==> flow/design.v <==
module my_diff_unit_p #(
    parameter DW = 8
) (
    input logic clk,
    input logic enable,
    input logic [DW-1:0] in_arg0,
    input logic [DW-1:0] in_arg1,
    output logic [DW-1:0] out_d,
    output logic out_bout
);
    logic [DW-1:0] arg0_q;
    always_ff @(posedge clk) begin
        if (enable) begin
            arg0_q <= in_arg0;
        end
    end
    logic [DW-1:0] arg1_q;
    always_ff @(posedge clk) begin
        if (enable) begin
            arg1_q <= in_arg1;
        end
    end
    localparam LW = DW / 2;
    logic [LW:0] l_q;
    always_ff @(posedge clk) begin
        if (enable) begin
            l_q <= arg0_q[LW-1:0] - arg1_q[LW-1:0];
        end
    end
    logic [DW-LW-1:0] arg0_hi_q;
    always_ff @(posedge clk) begin
        if (enable) begin
            arg0_hi_q <= arg0_q[DW-1:LW];
        end
    end
    logic [DW-LW-1:0] arg1_hi_q;
    always_ff @(posedge clk) begin
        if (enable) begin
            arg1_hi_q <= arg1_q[DW-1:LW];
        end
    end
    logic [DW-LW:0] high;
    assign high = arg0_hi_q - arg1_hi_q - l_q[LW];
    always_ff @(posedge clk) begin
        if (enable) begin
            out_d <= {high[DW-LW-1:0], l_q[LW-1:0]};
        end
    end
    always_ff @(posedge clk) begin
        if (enable) begin
            out_bout <= high[DW-LW];
        end
    end
endmodule
== Reports on my_diff_unit_p ==
What the tools print for my_diff_unit_p, step after step.
Line numbers count from 1 in the design file above.
Operators: Yosys type, input widths -> output width; for muxes data width and select width s.
Library cell names are shortened.
The mark - stands for no value.

* Design top: my_diff_unit_p
* Clock: clk
* Cell library: sky130hd
* Timing corner: tt_025C_1v80

== Word-level counts ==
Source: Yosys, flattened and elaborated, memories not mapped. Widths are those after wreduce; folded enables and synchronous resets count as part of the registers. Registers that Yosys merges into a memory's read port (data or address) are not register bits. Print and check cells do not count. Equal cells are merged and count once.

* $add $sub $neg: 3

{| class="wikitable"
|+ Operators by type and width
! operator !! number
|-
| $sub 4x4->5 || 2
|-
| $sub 5x1->5 || 1
|}

* Cells after elaboration: 10
* Flip-flop bits (word level): 38
* Output and inout port bits: 9
* Input bits: 18

== Depth ==
Yosys ltp: most cells in a row. Word level: on the elaborated netlist, between registers, memories and ports. Mapped: between sequential cells and ports; inverters and the memories' decode and read muxes count.

* Depth in word-level cells: 2
* ABC_AREA: 1
* Depth in mapped cells: 9
* Mapped depth without buffers: 9

== After synthesis ==
The flow's flattened synthesis, as Yosys stat reports it; memories are mapped. The netlist is that of the ABC_AREA named above (0 if unset); the other value can give another one.

* Sequential part of the area: 1,141.1 µm²
* Mapped flip-flops: 38
* Cells in the netlist: 99
* Buffers: 0
* Chip area (Yosys): 1,545.2 µm²

{| class="wikitable"
|+ Cells by type
! type !! number !! area in all (µm²)
|-
| edfxtp_1 || 38 || 1.14E+03
|-
| ha_1 || 10 || 125.12
|-
| inv_1 || 21 || 78.826
|-
| fa_1 || 3 || 60.058
|-
| nand2_1 || 16 || 60.058
|-
| bufinv_8 || 1 || 17.517
|-
| nand3b_1 || 2 || 15.014
|-
| o21ai_1 || 2 || 10.01
|-
| xnor2_1 || 1 || 8.758
|-
| xor2_1 || 1 || 8.758
|-
| nor2_2 || 1 || 6.256
|-
| a21oi_1 || 1 || 5.005
|-
| nand3_1 || 1 || 5.005
|-
| nor2_1 || 1 || 3.754
|}

== Path before layout ==
OpenSTA on the mapped netlist: ideal clock, no wires. The path of least setup slack (recovery checks aside). Input and output delay are each 20% of the period. Register names are those of the netlist, which keeps one name where synthesis merged equal registers.

* Kind: reg2reg
* Start point: register arg0_hi_q[0]
* End point: register out_bout
* Data required time: 2.018 ns
* Library setup time: 0.252 ns
* Data arrival time: 1.481 ns
* Clock period: 2.27 ns
* Stages on the path: 9
* Setup slack: 0.537 ns
* Path delay: 1.733 ns
* Buffers on the path: 0
* Synthesis period reached: 1.733 ns

"path delay" = arrival - input delay + setup time.
"stages on the path" counts driving pins, that of a launching flip-flop among them; a cell with two outputs on the path counts twice.
"synthesis period reached" is the clock period less the worst setup slack; recovery checks do not enter. This is arithmetic on one report: input and output delays are still those of the set period (20% each).
The rows between start and end are the longest chain of elaborated cells between them; the timing report does not say that the signal goes this way. Where chains are equally long, one stands for them.
A line is the first line of the expression or statement that the cell stems from. Yosys adds cells for indexed reads and writes and turns some case tables into memories.

* Cell sequence: edfxtp_1 fa_1 fa_1 inv_1 nand2_1 nand2_1 nand2_1 nand2_1 nand2_1
* Length of the longest elaborated chain: 2
* Elaborated cells between the ends (all ways): 2

{| class="wikitable"
|+ RTL lines, path post-synthesis
! element !! line !! RTL
|-
| start, declared || 30 || <nowiki>logic [DW-LW-1:0] arg0_hi_q;</nowiki>
|-
| start, assigned || 33 || <nowiki>arg0_hi_q <= arg0_q[DW-1:LW];</nowiki>
|-
| $sub 4x4->5 || 43 || <nowiki>assign high = arg0_hi_q - arg1_hi_q - l_q[LW];</nowiki>
|-
| $sub 5x1->5 || 43 ||
|-
| end, assigned || 51 || <nowiki>out_bout <= high[DW-LW];</nowiki>
|-
| end, declared || 9 || <nowiki>output logic out_bout</nowiki>
|}

== Path in the finished layout ==
From the final timing report of record 1: the path of least setup slack in the routed layout; clock arrival at registers is part of the times.

* Kind: reg2reg
* Start point: register l_q[4]
* End point: register out_bout
* Setup slack: -0.40 ns
* Clock period: 1.35 ns
* Library setup time: 0.23 ns
* Buffers on the path: 0
* Stages on the path: 10
* Data required time: 1.45 ns
* Data arrival time: 1.85 ns

The rows between start and end are the longest chain of elaborated cells between them; the timing report does not say that the signal goes this way. Where chains are equally long, one stands for them.

* Cell sequence: edfxtp_1 inv_2 fa_2 fa_2 inv_1 nand2_1 nand2_1 nand2_1 nand2_1 nand2_1
* Length of the longest elaborated chain: 1
* Elaborated cells between the ends (all ways): 1

{| class="wikitable"
|+ RTL lines, path post-layout
! element !! line !! RTL
|-
| start, declared || 24 || <nowiki>logic [LW:0] l_q;</nowiki>
|-
| start, assigned || 27 || <nowiki>l_q <= arg0_q[LW-1:0] - arg1_q[LW-1:0];</nowiki>
|-
| $sub 5x1->5 || 43 || <nowiki>assign high = arg0_hi_q - arg1_hi_q - l_q[LW];</nowiki>
|-
| end, assigned || 51 || <nowiki>out_bout <= high[DW-LW];</nowiki>
|-
| end, declared || 9 || <nowiki>output logic out_bout</nowiki>
|}

Data sheet: physical implementation of my_diff_unit_p

my_diff_unit_p through Yosys and OpenROAD on sky130hd: 3 stored runs, unordered, with their settings and measured results. The constraints put input and output delay at 20% of the set period each and load the outputs with 0.01 pF.
By "achieved clock period" is meant the clock period of the run minus its worst setup slack. This is arithmetic on one report: input and output delays are still those of the set period (20% each).

Record 1
==> flow/run.sh <==
#!/bin/bash
# the make line also repeats the synthesis and layout settings of config.mk as NAME=value (left out here)
make -C /OpenROAD-flow-scripts/flow DESIGN_CONFIG=/design/flow/config.mk WORK_HOME=/design/flow/orfs CLKGATE_MAP_FILE= finish
==> flow/config.mk <==
export PLATFORM = sky130hd
export DESIGN_NAME = my_diff_unit_p
export DESIGN_NICKNAME = my_diff_unit_p
export VERILOG_FILES = /design/flow/design.v
export SDC_FILE = /design/flow/constraint.sdc
export NUM_CORES = 4
export LEC_CHECK = 0
export ABC_AREA = 1
export CAP_MARGIN = 35
export CELL_PAD_IN_SITES_DETAIL_PLACEMENT = 0
export CELL_PAD_IN_SITES_GLOBAL_PLACEMENT = 3
export CORE_MARGIN = 7
export CORE_UTILIZATION = 49
export MAX_ROUTING_LAYER = met5
export PLACE_DENSITY = 0.38
export SETUP_SLACK_MARGIN = -0.13
export SLEW_MARGIN = 20
==> flow/constraint.sdc <==
create_clock -name core_clock -period 1.35 [get_ports {clk}]
set_input_delay 0.2700 -clock core_clock [delete_from_list [all_inputs] [get_ports {clk}]]
set_output_delay 0.2700 -clock core_clock [all_outputs]
set_load 0.01 [all_outputs]

==> results of record 1 <==
chip area after synthesis (Yosys): 1,545.2 µm²
die area: 4,921.7 µm²
standard-cell area of the final layout: 2,013.2 µm²
utilization: 66.5%
worst setup slack after layout: -0.400 ns
total negative slack: -1.560 ns
worst hold slack: 0.402 ns
achieved clock period: 1.750 ns

Record 2
==> flow/run.sh <==
#!/bin/bash
# the make line also repeats the synthesis and layout settings of config.mk as NAME=value (left out here)
make -C /OpenROAD-flow-scripts/flow DESIGN_CONFIG=/design/flow/config.mk WORK_HOME=/design/flow/orfs CLKGATE_MAP_FILE= finish
==> flow/config.mk <==
export PLATFORM = sky130hd
export DESIGN_NAME = my_diff_unit_p
export DESIGN_NICKNAME = my_diff_unit_p
export VERILOG_FILES = /design/flow/design.v
export SDC_FILE = /design/flow/constraint.sdc
export NUM_CORES = 4
export LEC_CHECK = 0
export CAP_MARGIN = 20
export CELL_PAD_IN_SITES_DETAIL_PLACEMENT = 1
export CORE_MARGIN = 3
export CORE_UTILIZATION = 68
export GPL_ROUTABILITY_DRIVEN = 1
export GPL_TIMING_DRIVEN = 1
export MAX_ROUTING_LAYER = met4
export PLACE_DENSITY = 0.47
export SLEW_MARGIN = 20
export TNS_END_PERCENT = 15
==> flow/constraint.sdc <==
create_clock -name core_clock -period 1.24 [get_ports {clk}]
set_input_delay 0.2480 -clock core_clock [delete_from_list [all_inputs] [get_ports {clk}]]
set_output_delay 0.2480 -clock core_clock [all_outputs]
set_load 0.01 [all_outputs]

==> results of record 2 <==
did not finish, placement stopped with DPL-0033

Record 3
==> flow/run.sh <==
#!/bin/bash
# the make line also repeats the synthesis and layout settings of config.mk as NAME=value (left out here)
make -C /OpenROAD-flow-scripts/flow DESIGN_CONFIG=/design/flow/config.mk WORK_HOME=/design/flow/orfs CLKGATE_MAP_FILE= finish
==> flow/config.mk <==
export PLATFORM = sky130hd
export DESIGN_NAME = my_diff_unit_p
export DESIGN_NICKNAME = my_diff_unit_p
export VERILOG_FILES = /design/flow/design.v
export SDC_FILE = /design/flow/constraint.sdc
export NUM_CORES = 4
export LEC_CHECK = 0
export CAP_MARGIN = 20
export CORE_MARGIN = 2
export CORE_UTILIZATION = 40
export SLEW_MARGIN = 20
==> flow/constraint.sdc <==
create_clock -name core_clock -period 2.27 [get_ports {clk}]
set_input_delay 0.4540 -clock core_clock [delete_from_list [all_inputs] [get_ports {clk}]]
set_output_delay 0.4540 -clock core_clock [all_outputs]
set_load 0.01 [all_outputs]

==> results of record 3 <==
chip area after synthesis (Yosys): 1,493.9 µm²
die area: 4,240.0 µm²
standard-cell area of the final layout: 1,888.1 µm²
utilization: 52.0%
worst setup slack after layout: 0.373 ns
total negative slack: 0.000 ns
worst hold slack: 0.419 ns
achieved clock period: 1.897 ns
